==> flow/design.v <==
module dp_plus_rtl #(
    parameter DATA_WIDTH = 56
) (
    input wire clk,
    input wire rst_ni,
    input wire [DATA_WIDTH-1:0] i_da,
    input wire [DATA_WIDTH-1:0] i_db,
    input wire i_cin,
    output reg [DATA_WIDTH-1:0] o_total,
    output reg o_ovf
);
    localparam GROUPS = DATA_WIDTH / 4;
    wire [DATA_WIDTH-1:0] tmp;
    wire [GROUPS:0] carry;
    assign carry[0] = i_cin;
    genvar g;
    generate
        for (g = 0; g < GROUPS; g = g + 1) begin : slice
            dp_plus_rtl_nibble el (.a(i_da[4*g +: 4]), .b(i_db[4*g +: 4]), .ci(carry[g]), .s(tmp[4*g +: 4]), .co(carry[g+1]));
        end
    endgenerate
    always @(posedge clk or negedge rst_ni) begin
        if (~rst_ni) begin
            o_total <= 0;
        end else begin
            o_total <= tmp;
        end
    end
    always @(posedge clk or negedge rst_ni) begin
        if (~rst_ni) begin
            o_ovf <= 1'b0;
        end else begin
            o_ovf <= carry[GROUPS];
        end
    end
endmodule
module dp_plus_rtl_nibble (
    input wire [3:0] a,
    input wire [3:0] b,
    input wire ci,
    output wire [3:0] s,
    output wire co
);
    wire [3:0] g = a & b;
    wire [3:0] p = a ^ b;
    wire c1 = g[0] | (p[0] & ci);
    wire c2 = g[1] | (p[1] & g[0]) | (p[1] & p[0] & ci);
    wire c3 = g[2] | (p[2] & g[1]) | (p[2] & p[1] & g[0]) | (p[2] & p[1] & p[0] & ci);
    assign co = g[3] | (p[3] & g[2]) | (p[3] & p[2] & g[1]) | (p[3] & p[2] & p[1] & g[0]) | (&p & ci);
    assign s = p ^ {c3, c2, c1, ci};
endmodule
Step by step through the tools: dp_plus_rtl --
The steps from the RTL of dp_plus_rtl to its reports follow in flow order. Line numbers count from 1 in the design file above. Operators: Yosys type, input widths -> output width; for muxes data width and select width s. Cell names lack the library's common part. Not given: n/a
Set-up: design top dp_plus_rtl, clock input clk, library sky130hd, library corner tt_025C_1v80

Word-level counts --
Counts by Yosys on the flattened word-level netlist (proc, flatten, opt, wreduce; memories kept). Register bits leave out memories and registers merged into their read ports (data or address); mux counts leave out enables and synchronous resets folded into registers. Print and check cells are left out. Cells with the same type and inputs are merged into one.
Bit counts: bits of input ports 115, output and inout port bits 57, register bits 57
Operators by class: reduce/logical cells 14, bitwise logic cells 392
Operators by type and width (count):
- $and 1x1->1 | 210
- $or 1x1->1 | 140
- $xor 4x4->4 | 28
- $and 4x4->4 | 14
- $reduce_and 4->1 | 14

Depth --
Yosys ltp: most cells in a row. Word level: on the elaborated netlist, between registers, memories and ports. Mapped: between sequential cells and ports; inverters and the memories' decode and read muxes count.
Logic depth: word-level depth 33, ABC_AREA 0, depth in mapped cells 13

After synthesis --
Source: synth_stat.txt of the flow (Yosys; design flattened, memories mapped). It holds for the ABC_AREA given above (unset counts as 0); a run with the other value may have another netlist.
Mapped netlist: sequential area 1426.4 um^2, chip area (Yosys) 3907.5 um^2, flip-flop cells 57, mapped cells 367
Cells by type:
- dfrtp_1 | count 57, area in all 1.43E+03 um^2
- ha_1 | count 56, area in all 700.672 um^2
- fa_1 | count 14, area in all 280.269 um^2
- xor2_1 | count 19, area in all 166.41 um^2
- a21o_1 | count 22, area in all 165.158 um^2
- xnor2_1 | count 17, area in all 148.893 um^2
- a21oi_1 | count 28, area in all 140.134 um^2
- nand2_1 | count 20, area in all 75.072 um^2
- nor2_1 | count 20, area in all 75.072 um^2
- inv_1 | count 15, area in all 56.304 um^2
- o21ai_0 | count 10, area in all 50.048 um^2
- nand4_1 | count 7, area in all 43.792 um^2
- nand3_1 | count 8, area in all 40.038 um^2
- nand2b_1 | count 6, area in all 37.536 um^2
- nor3_1 | count 6, area in all 30.029 um^2
- o21bai_1 | count 4, area in all 30.029 um^2
- a21oi_2 | count 3, area in all 26.275 um^2
- a31oi_1 | count 4, area in all 25.024 um^2
Not listed: further types 32, cells in them 51. By module: a second synthesis without flattening, with its own total; a netlist apart from the flattened one above.
Unflattened totals: cells (unflattened synthesis) 295, area (unflattened synthesis) 3493.4 um^2
Each row is one instance without its submodules.
By module:
- dp_plus_rtl_nibble | instances 14, cells 17, area 147.6 um^2
- dp_plus_rtl | instances 1, cells 57, area 1426.4 um^2

Path before layout --
OpenSTA on the mapped netlist: ideal clock, no wires. The path of least setup slack (recovery checks aside). Input and output delay are each 20% of the period. Register names are those of the netlist, which keeps one name where synthesis merged equal registers.
Path post-synthesis: path kind in2reg, start point input port i_da[29], end point register o_total[53], arrival time 3076 ps, delay of the path 2437 ps, clock period 3810 ps, path slack 612 ps, stages on the path 12, launch time at the first pin 762 ps, library setup time 123 ps, synthesis period reached 3198 ps
"delay of the path" = arrival - input delay + setup time. "stages on the path": output pins that drive a net of the path, with the launching flip-flop's if there is one; two outputs of one cell count as two. "synthesis period reached" is the clock period less the worst setup slack; recovery checks do not enter. This is arithmetic on one report: input and output delays are still those of the set period (20% each). The rows between start and end are the longest chain of elaborated cells between them; the timing report does not say that the signal goes this way. Where chains are equally long, one stands for them. Each line given opens the expression or statement behind the cell; cells for indexed reads and writes are added by Yosys, which also makes memories of some case tables.
On the way, post-synthesis: cells stage by stage ha_1 a21o_1 a21o_1 a21o_1 a221oi_2 o31a_1 o21ai_1 nor3_2 nand2b_2 o21bai_1 fa_1 xor2_1, length of the longest elaborated chain 18
Ends and longest elaborated chain, post-synthesis:
- start, declared | line 6 | input wire [DATA_WIDTH-1:0] i_da,
- $and 4x4->4 | line 44 | wire [3:0] g = a & b;
- $and 1x1->1 | line 49 | assign co = g[3] | (p[3] & g[2]) | (p[3] & p[2] & g[1]) | (p[3] & p[2] & p[1] & g[0]) | (&p & ci);
- $or 1x1->1 x3 | line 49
- $and 1x1->1 | line 49
- $or 1x1->1 | line 49
- $and 1x1->1 | line 49
- $or 1x1->1 | line 49
- [... 2 more ...]
- $and 1x1->1 | line 49
- $or 1x1->1 | line 49
- $and 1x1->1 | line 49
- $or 1x1->1 | line 49
- $and 1x1->1 | line 46 | wire c1 = g[0] | (p[0] & ci);
- $or 1x1->1 | line 46
- $xor 4x4->4 | line 50 | assign s = p ^ {c3, c2, c1, ci};
- end, assigned | line 24 | o_total <= 0;
- end, assigned | line 26 | o_total <= tmp;
- end, declared | line 9 | output reg [DATA_WIDTH-1:0] o_total,

Timing after layout --
From the final timing report of flow run A: the path of least setup slack in the routed layout; clock arrival at registers is part of the times. The path's times are printed in steps of 10 ps; the period is the one set.
Path after layout: path kind in2reg, start point input port i_da[13], end point register o_total[53], clock period 3810 ps, launch time at the first pin 760 ps, library setup time 110 ps, arrival time 3700 ps, path slack 330 ps, stages on the path 13
The rows between start and end are the longest chain of elaborated cells between them; the timing report does not say that the signal goes this way. Where chains are equally long, one stands for them.
On the way, after layout: cells stage by stage clkdlybuf4s50_1 ha_1 a21o_1 nand3_2 a21oi_2 a2111o_1 o21ai_1 a21oi_1 nor3_2 nand2b_2 o21bai_1 fa_1 xor2_1, length of the longest elaborated chain 26
Ends and longest elaborated chain, after layout:
- start, declared | line 6 | input wire [DATA_WIDTH-1:0] i_da,
- $and 4x4->4 | line 44 | wire [3:0] g = a & b;
- $and 1x1->1 | line 49 | assign co = g[3] | (p[3] & g[2]) | (p[3] & p[2] & g[1]) | (p[3] & p[2] & p[1] & g[0]) | (&p & ci);
- $or 1x1->1 x3 | line 49
- $and 1x1->1 | line 49
- $or 1x1->1 | line 49
- $and 1x1->1 | line 49
- $or 1x1->1 | line 49
- [... 10 more ...]
- $and 1x1->1 | line 49
- $or 1x1->1 | line 49
- $and 1x1->1 | line 49
- $or 1x1->1 | line 49
- $and 1x1->1 | line 46 | wire c1 = g[0] | (p[0] & ci);
- $or 1x1->1 | line 46
- $xor 4x4->4 | line 50 | assign s = p ^ {c3, c2, c1, ci};
- end, assigned | line 24 | o_total <= 0;
- end, assigned | line 26 | o_total <= tmp;
- end, declared | line 9 | output reg [DATA_WIDTH-1:0] o_total,

# Flow runs of dp_plus_rtl

Settings and measured results of 3 stored flow runs for module dp_plus_rtl (sky130hd), not sorted in any way. The constraints put input and output delay at 20% of the set period each and load the outputs with 0.01 pF.
"clock period reached" = clock period - worst setup slack. The figure is calculated, with input and output delays left at 20% of the set period.
"total power after layout" rests on the timing tool's default activity at the inputs, not on a simulated workload.

* Flow run A | settings: period_ns 3.81; CAP_MARGIN 20; CORE_MARGIN 2; CORE_UTILIZATION 40; SLEW_MARGIN 20 | results: total die area 10575.0 um^2; post-route setup TNS 0 ps; post-route utilization 62.8 %; clock period reached 3480 ps; post-synthesis cell area 3907.5 um^2; setup slack of the critical path 330 ps; standard-cell area after layout 6057.1 um^2; total power after layout 2179 µW
* Flow run B | settings: period_ns 4.83; CORE_UTILIZATION 22; SETUP_SLACK_MARGIN 0.35; CORE_MARGIN 5; GPL_ROUTABILITY_DRIVEN 1; CTS_CLUSTER_SIZE 56; CTS_CLUSTER_DIAMETER 353; MIN_ROUTING_LAYER met1; MAX_ROUTING_LAYER met4; CAP_MARGIN 20; SLEW_MARGIN 20 | results: post-route setup TNS 0 ps; standard-cell area after layout 6202.2 um^2; post-route utilization 35.7 %; post-synthesis cell area 3907.5 um^2; setup slack of the critical path 933 ps; total die area 20526.3 um^2; total power after layout 1943 µW; clock period reached 3897 ps
* Flow run C | settings: period_ns 2.19; CORE_UTILIZATION 64; SETUP_SLACK_MARGIN 0.1; PLACE_DENSITY_LB_ADDON 0.3; GPL_ROUTABILITY_DRIVEN 0; CTS_CLUSTER_SIZE 93; CAP_MARGIN 20; CORE_MARGIN 2; SLEW_MARGIN 20 | stopped before the end: placement reported FLW-0024
